==> flow/design.v <==
module my_mul_unit #(
   parameter integer WIDTH = 12
) (
   input wire ck,
   input wire rstn,
   input wire [WIDTH-1:0] src1_in,
   input wire [WIDTH-1:0] src2_in,
   output reg [2*WIDTH-1:0] p_out
);
   reg [WIDTH-1:0] r_src1;
   reg [WIDTH-1:0] r_src2;
   always @(posedge ck) begin
      if (~rstn) begin
         r_src1 <= 0;
         r_src2 <= 0;
         p_out <= 0;
      end else begin
         r_src1 <= src1_in;
         r_src2 <= src2_in;
         p_out <= r_src1 * r_src2;
      end
   end
endmodule
* Step by step through the tools: my_mul_unit
Tool output for the design above, in the order of the flow. Line numbers count from 1 in the design file above. Not given: --
Design: design top my_mul_unit, clock port ck, library sky130hd, corner tt_025C_1v80

* After elaboration
Counts by Yosys on the flattened word-level netlist (proc, flatten, opt, wreduce; memories kept). Register bits leave out memories and registers merged into their read ports (data or address); mux counts leave out enables and synchronous resets folded into registers. Print and check cells are left out. Cells with the same type and inputs are merged into one.
Storage and ports: bits in read-only memories 0, cells after elaboration 4, RAM bits 0, bits of input ports 26, word width x clocked read ports 0, bits in latches 0, memories 0, register bits after elaboration 48
Cells by class: shift-type cells 0, multipliers 1, reduce/logical cells 0, divide/modulo/power cells 0, muxes and demuxes 0, equal/unequal tests 0, add/subtract/negate cells 0, bitwise gates (word level) 0, order comparisons 0
Operators with widths (number):
- 12-bit by 12-bit multiplier with 24-bit output | 1

* Longest topological paths
Longest topological path by Yosys (ltp), each cell counted once; first at word level (registers and memories cut), then after technology mapping (sequential cells cut; the memories' decode and read muxes count).
Depth: depth after elaboration 1, ABC_AREA 0, depth in mapped cells 19, mapped depth without buffers 17

* Mapped cells and area
The flow's flattened synthesis, as Yosys stat reports it; memories are mapped. The netlist is that of the ABC_AREA named above (0 if unset); the other value can give another one. The area totals of this step are shown rounded.
Cells by type:
- sky130_fd_sc_hd__fa_1 | number 100, area in all 2001.92 um^2
- sky130_fd_sc_hd__dfxtp_1 | number 48, area in all 960.922 um^2
- sky130_fd_sc_hd__ha_1 | number 62, area in all 775.744 um^2
- sky130_fd_sc_hd__inv_1 | number 143, area in all 536.765 um^2
- sky130_fd_sc_hd__and2_1 | number 82, area in all 512.992 um^2
- sky130_fd_sc_hd__nand2_1 | number 102, area in all 382.867 um^2
- sky130_fd_sc_hd__clkbuf_1 | number 28, area in all 105.101 um^2
- sky130_fd_sc_hd__a21o_1 | number 8, area in all 60.058 um^2
- sky130_fd_sc_hd__a21oi_1 | number 12, area in all 60.058 um^2
- sky130_fd_sc_hd__mux2i_1 | number 5, area in all 50.048 um^2
- sky130_fd_sc_hd__a211oi_1 | number 6, area in all 45.043 um^2
- sky130_fd_sc_hd__nor3_1 | number 9, area in all 45.043 um^2
- sky130_fd_sc_hd__xnor2_1 | number 5, area in all 43.792 um^2
- sky130_fd_sc_hd__nand2b_1 | number 6, area in all 37.536 um^2
- sky130_fd_sc_hd__nor2_1 | number 8, area in all 30.029 um^2
- sky130_fd_sc_hd__a2111oi_4 | number 1, area in all 27.526 um^2
- sky130_fd_sc_hd__a31oi_1 | number 4, area in all 25.024 um^2
- sky130_fd_sc_hd__and3_1 | number 4, area in all 25.024 um^2
Other cell types: 38; their cells: 56.
Mapped netlist: synthesis area 0.00621 mm^2, flip-flops 48, area of sequential cells 0.000961 mm^2, cell count 689

* Worst setup path after synthesis
Path of least setup slack by OpenSTA after synthesis, without wires, with an ideal clock, recovery checks aside; 20% of the period is set as input and as output delay. Where synthesis merged equal registers, the netlist keeps one of their names.
Timing after synthesis: path kind reg2reg, start point register r_src2[5], end point register p_out[19], data arrival time 4.716 ns, library setup time 0.072 ns, stages on the path 17, path slack 1.203 ns, buffers on the path 1, clock period 5.99 ns, delay of the path 4.788 ns, period reached after synthesis 4.787 ns
"delay of the path" is the arrival time less input delay plus setup time. "stages on the path": output pins that drive a net of the path, with the launching flip-flop's if there is one; two outputs of one cell count as two. "period reached after synthesis" is the clock period less the worst setup slack; recovery checks do not enter. This is arithmetic on one report: input and output delays are still those of the set period (20% each). The rows between start and end are the longest chain of elaborated cells between them; the timing report does not say that the signal goes this way. Where chains are equally long, one stands for them. A line is the first line of the expression or statement that the cell stems from. Yosys adds cells for indexed reads and writes and turns some case tables into memories.
Between the ends, after synthesis: path through sky130_fd_sc_hd__dfxtp_1 > sky130_fd_sc_hd__clkbuf_1 > sky130_fd_sc_hd__nand2_1 > sky130_fd_sc_hd__fa_1 > sky130_fd_sc_hd__inv_1 > sky130_fd_sc_hd__fa_1 > sky130_fd_sc_hd__fa_1 > sky130_fd_sc_hd__fa_1 > sky130_fd_sc_hd__inv_1 > sky130_fd_sc_hd__fa_1 > sky130_fd_sc_hd__inv_1 > sky130_fd_sc_hd__ha_1 > sky130_fd_sc_hd__and4_1 > sky130_fd_sc_hd__a21oi_1 > sky130_fd_sc_hd__nand2_1 > sky130_fd_sc_hd__a221oi_2 > sky130_fd_sc_hd__mux2i_1, length of the longest elaborated chain 1, elaborated cells on any way between the ends 1, source lines of those cells 1, those cells by class mul (1)
Ends and longest elaborated chain, after synthesis:
- from (decl) | line 11 | reg [WIDTH-1:0] r_src2;
- from (assign) | line 15 | r_src2 <= 0;
- from (assign) | line 19 | r_src2 <= src2_in;
- 12-bit by 12-bit multiplier with 24-bit output | line 20 | p_out <= r_src1 * r_src2;
- to (assign) | line 16 | p_out <= 0;
- to (assign) | line 20
- to (decl) | line 8 | output reg [2*WIDTH-1:0] p_out

* Timing after layout
Path of least setup slack in the final report of record 1 (OpenROAD, finished layout, wires in). Where an end is a register, its clock arrival counts in the times.
Timing post-layout: path kind reg2reg, start point register r_src1[8], end point register p_out[20], library setup time 0.07 ns, clock period 5.99 ns, data arrival time 5.49 ns, buffers on the path 0, stages on the path 16, path slack 0.74 ns
The rows between start and end are the longest chain of elaborated cells between them; the timing report does not say that the signal goes this way. Where chains are equally long, one stands for them.
Between the ends, post-layout: path through sky130_fd_sc_hd__dfxtp_1 > sky130_fd_sc_hd__nand2_1 > sky130_fd_sc_hd__fa_1 > sky130_fd_sc_hd__inv_1 > sky130_fd_sc_hd__fa_1 > sky130_fd_sc_hd__fa_1 > sky130_fd_sc_hd__fa_1 > sky130_fd_sc_hd__inv_1 > sky130_fd_sc_hd__fa_1 > sky130_fd_sc_hd__inv_1 > sky130_fd_sc_hd__ha_1 > sky130_fd_sc_hd__a21o_1 > sky130_fd_sc_hd__a211oi_1 > sky130_fd_sc_hd__a211oi_1 > sky130_fd_sc_hd__a211oi_1 > sky130_fd_sc_hd__mux2i_1, length of the longest elaborated chain 1, elaborated cells on any way between the ends 1, source lines of those cells 1, those cells by class mul (1)
Ends and longest elaborated chain, post-layout:
- from (decl) | line 10 | reg [WIDTH-1:0] r_src1;
- from (assign) | line 14 | r_src1 <= 0;
- from (assign) | line 18 | r_src1 <= src1_in;
- 12-bit by 12-bit multiplier with 24-bit output | line 20 | p_out <= r_src1 * r_src2;
- to (assign) | line 16 | p_out <= 0;
- to (assign) | line 20
- to (decl) | line 8 | output reg [2*WIDTH-1:0] p_out

Measured data: module my_mul_unit, platform sky130hd, 3 stored runs of the flow under differing settings, order arbitrary. Input and output delays are each 20% of the period that was set; the output load is 0.01 pF.
"worst setup path time" means the part of the period allowed to the worst setup path (the constraints hold back 20% at inputs and 20% at outputs) less its slack; where the path has registers, the arrival times of their clocks count too.
"power": no workload was simulated; the value follows from the tool's default switching activity.
The results are shown rounded.
[record 1] settings: period_ns=5.99, CAP_MARGIN=20, CORE_MARGIN=2, CORE_UTILIZATION=40, SLEW_MARGIN=20
[record 1] result: chip area after synthesis (Yosys) 0.00621 mm^2, die area 0.0165 mm^2, utilization 0.463, worst setup slack after layout 0.738 ns, worst hold slack 0.656 ns, power 0.00124 W, worst setup path time 5.25 ns, worst setup path kind reg2reg
[record 2] settings: period_ns=4.6, CORE_UTILIZATION=62, SETUP_SLACK_MARGIN=0.09, PLACE_DENSITY_LB_ADDON=0.09, CORE_MARGIN=8, CELL_PAD_IN_SITES_GLOBAL_PLACEMENT=2, CELL_PAD_IN_SITES_DETAIL_PLACEMENT=1, CTS_CLUSTER_SIZE=66, SLEW_MARGIN=25, MIN_ROUTING_LAYER=met1, MAX_ROUTING_LAYER=met4, CAP_MARGIN=20
[record 2] result: did not finish, placement stopped with FLW-0024
[record 3] settings: period_ns=4.77, CORE_UTILIZATION=65, PLACE_DENSITY_LB_ADDON=0.3, CORE_MARGIN=7, CELL_PAD_IN_SITES_DETAIL_PLACEMENT=0, TNS_END_PERCENT=20, CTS_CLUSTER_DIAMETER=112, MAX_ROUTING_LAYER=met4, CAP_MARGIN=20, SLEW_MARGIN=20
[record 3] result: chip area after synthesis (Yosys) 0.00621 mm^2, die area 0.0125 mm^2, utilization 0.826, worst setup slack after layout -0.114 ns, worst hold slack 0.648 ns, power 0.00168 W, worst setup path time 4.88 ns, worst setup path kind reg2reg
